==> flow/design.v <==
module alu_alu_arith_top #(
    parameter integer XLEN = 80
) (
    input  logic CLK,
    input  logic aresetn,
    input  logic [XLEN-1:0] i_da,
    input  logic [XLEN-1:0] i_db,
    input  logic i_dir,
    output logic [XLEN-1:0] o_d,
    output logic o_cy
);
    logic [XLEN-1:0] t2;
    assign t2 = i_db ^ {XLEN{i_dir}};
    logic [XLEN:0] nxt;
    assign nxt = i_da + t2 + i_dir;
    always_ff @(posedge CLK) begin
        if (!aresetn) begin
            o_d <= '0;
            o_cy <= 1'b0;
        end else begin
            o_d <= nxt[XLEN-1:0];
            o_cy <= nxt[XLEN];
        end
    end
endmodule
**Reports on alu_alu_arith_top**

What the tools print for alu_alu_arith_top, step after step.
Line numbers count from 1 in the design file above.
The mark -- stands for no value.

- Design top: alu_alu_arith_top
- Clock port: CLK
- Library: sky130hd
- Corner: tt_025C_1v80

**After elaboration**

Counts by Yosys on the flattened word-level netlist (proc, flatten, opt, wreduce; memories kept). Register bits leave out memories and registers merged into their read ports (data or address); mux counts leave out enables and synchronous resets folded into registers. Print and check cells are left out. Cells with the same type and inputs are merged into one.

- Bitwise logic cells: 1
- Add/sub/neg operators: 2

Operators by type and width:

| kind | number |
|---|---|
| adder 80 x 80 -> 81 bit | 1 |
| adder 81 x 1 -> 81 bit | 1 |
| bitwise XOR 80 bit | 1 |

- Flip-flop bits (word level): 81
- Elaborated cells: 5
- Input bits: 163

**Longest topological paths**

Longest topological path by Yosys (ltp), each cell counted once; first at word level (registers and memories cut), then after technology mapping (sequential cells cut; the memories' decode and read muxes count).

- Word-level depth: 3
- ABC_AREA: 0
- Depth in mapped cells: 15

**Netlist**

Source: synth_stat.txt of the flow (Yosys; design flattened, memories mapped). It holds for the ABC_AREA given above (unset counts as 0); a run with the other value may have another netlist.

- Buffers: 48
- Cell area after synthesis: 0.0077187 sq mm
- Flip-flops: 81
- Cells in the netlist: 969

Cell types:

| type | number | total area (sq um) |
|---|---|---|
| sky130_fd_sc_hd__dfxtp_1 | 81 | 1.62E+03 |
| sky130_fd_sc_hd__ha_1 | 82 | 1.03E+03 |
| sky130_fd_sc_hd__xor2_1 | 109 | 954.666 |
| sky130_fd_sc_hd__a21oi_1 | 100 | 500.48 |
| sky130_fd_sc_hd__nor2_1 | 113 | 424.157 |
| sky130_fd_sc_hd__a21o_1 | 41 | 307.795 |
| sky130_fd_sc_hd__xnor2_1 | 33 | 289.027 |
| sky130_fd_sc_hd__nand2_1 | 68 | 255.245 |
| sky130_fd_sc_hd__o21ai_0 | 43 | 215.206 |
| sky130_fd_sc_hd__nand4_1 | 31 | 193.936 |
| sky130_fd_sc_hd__o21bai_1 | 19 | 142.637 |
| sky130_fd_sc_hd__o21a_1 | 16 | 120.115 |
| sky130_fd_sc_hd__inv_1 | 24 | 90.086 |
| sky130_fd_sc_hd__nor3_1 | 17 | 85.082 |
| sky130_fd_sc_hd__a31oi_1 | 11 | 68.816 |
| sky130_fd_sc_hd__buf_4 | 8 | 60.058 |
| sky130_fd_sc_hd__clkbuf_1 | 16 | 60.058 |
| sky130_fd_sc_hd__and2_1 | 9 | 56.304 |

Other cell types: 64; their cells: 148.

**Path before layout**

OpenSTA on the mapped netlist: ideal clock, no wires. The path of least setup slack (recovery checks aside). Input and output delay are each 20% of the period. Register names are those of the netlist, which keeps one name where synthesis merged equal registers.

- Path kind: input-to-reg
- Start: input i_dir
- End: register o_d[79]
- Required time: 5032 ps
- Launch time at the first pin: 1032 ps
- Library setup time: 128 ps
- Clock period: 5160 ps
- Path slack: 827 ps
- Path buffers: 3
- Path delay: 3301 ps
- Stages on the path: 15
- External input delay: 1032 ps
- Arrival: 4205 ps
- Synthesis period reached: 4333 ps

"path delay" = arrival - input delay + setup time.
"stages on the path" counts driving pins, that of a launching flip-flop among them; a cell with two outputs on the path counts twice.
"synthesis period reached" is the clock period less the worst setup slack; recovery checks do not enter. This is arithmetic on one report: input and output delays are still those of the set period (20% each).
The rows between start and end are the longest chain of elaborated cells between them; the timing report does not say that the signal goes this way. Where chains are equally long, one stands for them.
Each line given opens the expression or statement behind the cell; cells for indexed reads and writes are added by Yosys, which also makes memories of some case tables.

- Cells stage by stage: sky130_fd_sc_hd__buf_2 > sky130_fd_sc_hd__buf_1 > sky130_fd_sc_hd__buf_1 > sky130_fd_sc_hd__xor2_1 > sky130_fd_sc_hd__ha_1 > sky130_fd_sc_hd__nand2_1 > sky130_fd_sc_hd__nor2_1 > sky130_fd_sc_hd__nand3_1 > sky130_fd_sc_hd__and2b_2 > sky130_fd_sc_hd__a211o_1 > sky130_fd_sc_hd__a41oi_2 > sky130_fd_sc_hd__o21ai_2 > sky130_fd_sc_hd__a41oi_1 > sky130_fd_sc_hd__xor2_1 > sky130_fd_sc_hd__nor2_1
- Cells in the longest elaborated chain: 3
- Elaborated cells between the ends (all ways): 3
- Those cells by class: add/sub (2); logic (1)

RTL lines, path post-synthesis:

| item | RTL line | RTL |
|---|---|---|
| from (decl) | 8 | `input  logic i_dir,` |
| bitwise XOR 80 bit | 13 | `assign t2 = i_db ^ {XLEN{i_dir}};` |
| adder 80 x 80 -> 81 bit | 15 | `assign nxt = i_da + t2 + i_dir;` |
| adder 81 x 1 -> 81 bit | 15 |  |
| to (assign) | 18 | `o_d <= '0;` |
| to (assign) | 21 | `o_d <= nxt[XLEN-1:0];` |
| to (decl) | 9 | `output logic [XLEN-1:0] o_d,` |

**Timing after layout**

From the final timing report of record 1: the path of least setup slack in the routed layout; clock arrival at registers is part of the times.
The path's times are printed in steps of 10 ps; the period is the one set.

- Path kind: input-to-reg
- Start: input i_dir
- End: register o_d[78]
- Library setup time: 70 ps
- Stages on the path: 14
- Path slack: 650 ps
- Clock period: 5160 ps
- Arrival: 4790 ps
- External input delay: 1030 ps
- Required time: 5440 ps
- Path buffers: 2
- Launch time at the first pin: 1030 ps

The rows between start and end are the longest chain of elaborated cells between them; the timing report does not say that the signal goes this way. Where chains are equally long, one stands for them.

- Cells stage by stage: sky130_fd_sc_hd__buf_4 > sky130_fd_sc_hd__buf_4 > sky130_fd_sc_hd__xor2_1 > sky130_fd_sc_hd__ha_1 > sky130_fd_sc_hd__a21oi_1 > sky130_fd_sc_hd__o211ai_1 > sky130_fd_sc_hd__a21oi_1 > sky130_fd_sc_hd__nand3_1 > sky130_fd_sc_hd__nand4_1 > sky130_fd_sc_hd__a211oi_1 > sky130_fd_sc_hd__o21ai_0 > sky130_fd_sc_hd__o211ai_1 > sky130_fd_sc_hd__a221oi_1 > sky130_fd_sc_hd__mux2i_1
- Cells in the longest elaborated chain: 3
- Elaborated cells between the ends (all ways): 3
- Those cells by class: add/sub (2); logic (1)

RTL lines, path after layout:

| item | RTL line | RTL |
|---|---|---|
| from (decl) | 8 | `input  logic i_dir,` |
| bitwise XOR 80 bit | 13 | `assign t2 = i_db ^ {XLEN{i_dir}};` |
| adder 80 x 80 -> 81 bit | 15 | `assign nxt = i_da + t2 + i_dir;` |
| adder 81 x 1 -> 81 bit | 15 |  |
| to (assign) | 18 | `o_d <= '0;` |
| to (assign) | 21 | `o_d <= nxt[XLEN-1:0];` |
| to (decl) | 9 | `output logic [XLEN-1:0] o_d,` |

==> runs of alu_alu_arith_top <==
alu_alu_arith_top through Yosys and OpenROAD on sky130hd: 3 stored runs, unordered, with their settings and measured results. The constraints put input and output delay at 20% of the set period each and load the outputs with 0.01 pF.
"achieved period" = clock period - worst setup slack. The figure is calculated, with input and output delays left at 20% of the set period.
"critical setup path time" = time allowed to the worst setup path (clock period - input delay - output delay, where it has them) - its slack; a late launch clock adds to it, a late capture clock takes from it.
By "total power of the final layout" is meant OpenSTA's value without simulated activity: inputs other than the clock are taken to toggle once in ten clock periods, and the tool carries that through the logic.
"critical setup path time" is given in steps of 10 ps.
Among the settings, - means not set for that run.
Among the results, - means that no value is shown for the run.

| setting or result | record 1 | record 2 | record 3 |
|---|---|---|---|
| period_ns | 5.16 | 3.99 | 3.37 |
| CAP_MARGIN | 20 | 20 | 20 |
| CORE_MARGIN | 2 | 9 | 2 |
| CORE_UTILIZATION | 40 | 72 | 25 |
| SLEW_MARGIN | 20 | 20 | 20 |
| PLACE_DENSITY_LB_ADDON | - | 0.12 | 0.21 |
| HOLD_SLACK_MARGIN | - | 0.01 | - |
| CELL_PAD_IN_SITES_DETAIL_PLACEMENT | - | 1 | - |
| TNS_END_PERCENT | - | 10 | - |
| GPL_ROUTABILITY_DRIVEN | - | 0 | 0 |
| MIN_ROUTING_LAYER | - | met1 | met1 |
| MAX_ROUTING_LAYER | - | - | met5 |
| worst slack on setup checks (ps) | 653 | - | -175 |
| post-route worst hold slack (ps) | 1380 | - | 795 |
| chip area after synthesis (Yosys) (sq mm) | 0.0077187 | - | 0.0077187 |
| critical setup path time (ps) | 3480 | - | 2870 |
| critical path type | input-to-reg | - | input-to-reg |
| post-layout utilization | 0.559 | - | 0.449 |
| total power of the final layout (mW) | 3.007 | - | 5.502 |
| standard-cell area of the final layout (sq mm) | 0.0105238 | - | 0.0136994 |
| achieved period (ps) | 4507 | - | 3545 |
| total negative slack (ps) | 0 | - | -964 |
| full die area (sq mm) | 0.0204233 | - | 0.0322957 |

Record 2: unfinished; error FLW-0024 in placement
